==> flow/design.v <==
module mpy #(
    parameter int WD = 5
) (
    input logic clk,
    input logic clk_en,
    input logic [WD-1:0] lhs_i,
    input logic [WD-1:0] rhs_i,
    output logic [2*WD-1:0] out_o
);
    always_ff @(posedge clk) begin
        if (clk_en) begin
            out_o <= lhs_i * rhs_i;
        end
    end
endmodule
## From RTL to reports: mpy

The steps from the RTL of mpy to its reports follow in flow order.
Lines are those of the file above, counted from 1.
Not given: --

| inputs | value |
|---|---|
| top module | mpy |
| clock input | clk |
| standard-cell library | sky130hd |
| timing corner | tt_025C_1v80 |

## Elaborated design

Source: Yosys, flattened and elaborated, memories not mapped. Widths are those after wreduce; folded enables and synchronous resets count as part of the registers. Registers that Yosys merges into a memory's read port (data or address) are not register bits. Print and check cells do not count. Equal cells are merged and count once.

| operators by class | value |
|---|---|
| $mul | 1 |

Operators by type and width:

| operator | number |
|---|---|
| 5-bit by 5-bit multiplier with 10-bit output | 1 |

| bit counts | value |
|---|---|
| bits in registers | 10 |
| input bits | 12 |
| output and inout port bits | 10 |
| word-level cells | 2 |

## Logic depth

Depth = most cells in a row (Yosys ltp): at word level without a register or memory, in the mapped netlist without a sequential cell, where the memories' decode and read muxes count.

| depth | value |
|---|---|
| depth in word-level cells | 1 |
| ABC_AREA | 0 |
| gate-level depth with buffers | 12 |
| mapped depth without buffers | 12 |

## Synthesis result

Source: synth_stat.txt of the flow (Yosys; design flattened, memories mapped). It holds for the ABC_AREA given above (unset counts as 0); a run with the other value may have another netlist.

Cells by type:

| cell | number |
|---|---|
| sky130_fd_sc_hd__edfxtp_1 | 10 |
| sky130_fd_sc_hd__ha_1 | 18 |
| sky130_fd_sc_hd__fa_1 | 9 |
| sky130_fd_sc_hd__and2_1 | 19 |
| sky130_fd_sc_hd__inv_1 | 15 |
| sky130_fd_sc_hd__nand2_1 | 7 |
| sky130_fd_sc_hd__xor2_1 | 3 |
| sky130_fd_sc_hd__xnor2_1 | 2 |
| sky130_fd_sc_hd__o41ai_2 | 1 |
| sky130_fd_sc_hd__a2111oi_2 | 1 |
| sky130_fd_sc_hd__nor2b_4 | 1 |
| sky130_fd_sc_hd__a21oi_1 | 2 |
| sky130_fd_sc_hd__nand2b_2 | 1 |
| sky130_fd_sc_hd__nand4b_1 | 1 |
| sky130_fd_sc_hd__o21ai_2 | 1 |
| sky130_fd_sc_hd__a21boi_1 | 1 |
| sky130_fd_sc_hd__nand3b_1 | 1 |
| sky130_fd_sc_hd__o21bai_1 | 1 |

Not listed: further types 6, cells in them 6.

| synthesis totals | value |
|---|---|
| mapped cells | 100 |
| mapped area | 1,087.3 µm² |
| sequential part of the area | 300.3 µm² |
| flip-flops | 10 |
| buffer cells | 0 |

## Timing after synthesis

Source: OpenSTA report_checks on the synthesized netlist (no wires, ideal clock, input and output delay 20% of the period each), path of least setup slack; recovery checks are left aside. Register names are those of the netlist, which keeps one name where synthesis merged equal registers.

| timing path after synthesis | value |
|---|---|
| kind | input -> register |
| start point | in lhs_i[0] |
| end point | reg out_o[8] |
| period | 4.54 ns |
| external input delay | 0.908 ns |
| time at the first pin | 0.908 ns |
| arrival | 3.673 ns |
| data required time | 4.401 ns |
| setup slack | 0.728 ns |
| delay of the path | 2.904 ns |
| driving pins on the path | 11 |
| path buffers | 0 |
| synthesis period reached | 3.812 ns |

"delay of the path" = arrival - input delay + setup time.
"driving pins on the path": output pins that drive a net of the path, with the launching flip-flop's if there is one; two outputs of one cell count as two.
"synthesis period reached" = period - worst setup slack (recovery checks aside). The figure is calculated, with input and output delays left at 20% of the set period.
The rows between start and end are the longest chain of elaborated cells between them; the timing report does not say that the signal goes this way. Where chains are equally long, one stands for them.
Each line given opens the expression or statement behind the cell; cells for indexed reads and writes are added by Yosys, which also makes memories of some case tables.

| on the way, after synthesis | value |
|---|---|
| cells stage by stage | sky130_fd_sc_hd__nand2_1 > sky130_fd_sc_hd__fa_1 > sky130_fd_sc_hd__fa_1 > sky130_fd_sc_hd__fa_1 > sky130_fd_sc_hd__inv_1 > sky130_fd_sc_hd__ha_1 > sky130_fd_sc_hd__nor2b_4 > sky130_fd_sc_hd__o21ai_2 > sky130_fd_sc_hd__nand2b_2 > sky130_fd_sc_hd__a2111oi_2 > sky130_fd_sc_hd__nand4b_1 |
| cells in the longest elaborated chain | 1 |
| elaborated cells between the ends (all ways) | 1 |
| RTL lines with such cells | 1 |

Ends and longest elaborated chain, after synthesis:

| element | RTL line | source |
|---|---|---|
| start: declaration | 6 | `input logic [WD-1:0] lhs_i,` |
| 5-bit by 5-bit multiplier with 10-bit output | 12 | `out_o <= lhs_i * rhs_i;` |
| end: assignment | 12 |  |
| end: declaration | 8 | `output logic [2*WD-1:0] out_o` |

## Worst path after layout

Path of least setup slack in the final report of flow run 2 (OpenROAD, finished layout, wires in). Where an end is a register, its clock arrival counts in the times.

| timing path after layout | value |
|---|---|
| kind | input -> register |
| start point | in lhs_i[0] |
| end point | reg out_o[8] |
| period | 5.39 ns |
| external input delay | 1.08 ns |
| time at the first pin | 1.08 ns |
| arrival | 4.16 ns |
| data required time | 5.52 ns |
| setup slack | 1.36 ns |
| driving pins on the path | 12 |
| path buffers | 1 |

The rows between start and end are the longest chain of elaborated cells between them; the timing report does not say that the signal goes this way. Where chains are equally long, one stands for them.

| on the way, after layout | value |
|---|---|
| cells stage by stage | sky130_fd_sc_hd__dlygate4sd2_1 > sky130_fd_sc_hd__nand2_1 > sky130_fd_sc_hd__fa_1 > sky130_fd_sc_hd__fa_1 > sky130_fd_sc_hd__fa_1 > sky130_fd_sc_hd__inv_1 > sky130_fd_sc_hd__ha_4 > sky130_fd_sc_hd__nor2b_4 > sky130_fd_sc_hd__o21ai_2 > sky130_fd_sc_hd__nand2b_2 > sky130_fd_sc_hd__a2111oi_4 > sky130_fd_sc_hd__nand4b_1 |
| cells in the longest elaborated chain | 1 |
| elaborated cells between the ends (all ways) | 1 |
| RTL lines with such cells | 1 |

Ends and longest elaborated chain, after layout:

| element | RTL line | source |
|---|---|---|
| start: declaration | 6 | `input logic [WD-1:0] lhs_i,` |
| 5-bit by 5-bit multiplier with 10-bit output | 12 | `out_o <= lhs_i * rhs_i;` |
| end: assignment | 12 |  |
| end: declaration | 8 | `output logic [2*WD-1:0] out_o` |

Hand-over note for mpy

Below are 3 stored runs of the flow (Yosys, OpenROAD; platform sky130hd) on mpy, each with its settings and what was measured, unordered. Constraints: input delay and output delay 20% of the set period each, output load 0.01 pF.
"achieved clock period" = clock period - worst setup slack. The figure is calculated, with input and output delays left at 20% of the set period.
"allowed time less slack (worst setup path)" means the part of the period allowed to the worst setup path (the constraints hold back 20% at inputs and 20% at outputs) less its slack; where the path has registers, the arrival times of their clocks count too.
"total power after layout" is the tool's figure for a default switching activity; nothing was simulated.
A setting shown as -- is not set for that run.
Among the results, -- means that no value is shown for the run.

| name | flow run 1 | flow run 2 | flow run 3 |
|---|---|---|---|
| period_ns | 3.77 | 5.39 | 4.54 |
| CORE_UTILIZATION | 72 | 39 | 40 |
| TNS_END_PERCENT | 65 | -- | -- |
| ABC_AREA | 1 | -- | -- |
| GPL_ROUTABILITY_DRIVEN | 1 | 0 | -- |
| MIN_ROUTING_LAYER | met2 | -- | -- |
| CAP_MARGIN | 20 | 20 | 20 |
| CORE_MARGIN | 2 | 2 | 2 |
| SLEW_MARGIN | 20 | 20 | 20 |
| SETUP_SLACK_MARGIN | -- | 1.33 | -- |
| HOLD_SLACK_MARGIN | -- | -0.04 | -- |
| CELL_PAD_IN_SITES_DETAIL_PLACEMENT | -- | 1 | -- |
| GPL_TIMING_DRIVEN | -- | 1 | -- |
| total power after layout (W) | -- | 0.0003453 | 0.0003809 |
| chip area in the Yosys report (µm²) | -- | 1,087.3 | 1,087.3 |
| worst setup slack after layout (ns) | -- | 1.357 | 0.302 |
| standard-cell area after routing (µm²) | -- | 1,396.3 | 1,376.3 |
| area inside the die boundary (µm²) | -- | 3,226.2 | 3,151.1 |
| worst hold slack in the final report (ns) | -- | 1.310 | 1.417 |
| allowed time less slack (worst setup path) (ns) | -- | 2.95 | 3.33 |
| critical path type | -- | input -> register | input -> register |
| total negative slack on setup checks (ns) | -- | 0.000 | 0.000 |
| achieved clock period (ns) | -- | 4.033 | 4.238 |
| post-layout utilization (%) | -- | 51.5 | 54.6 |

Flow run 1: incomplete, placement halted on DPL-0033

End of note.
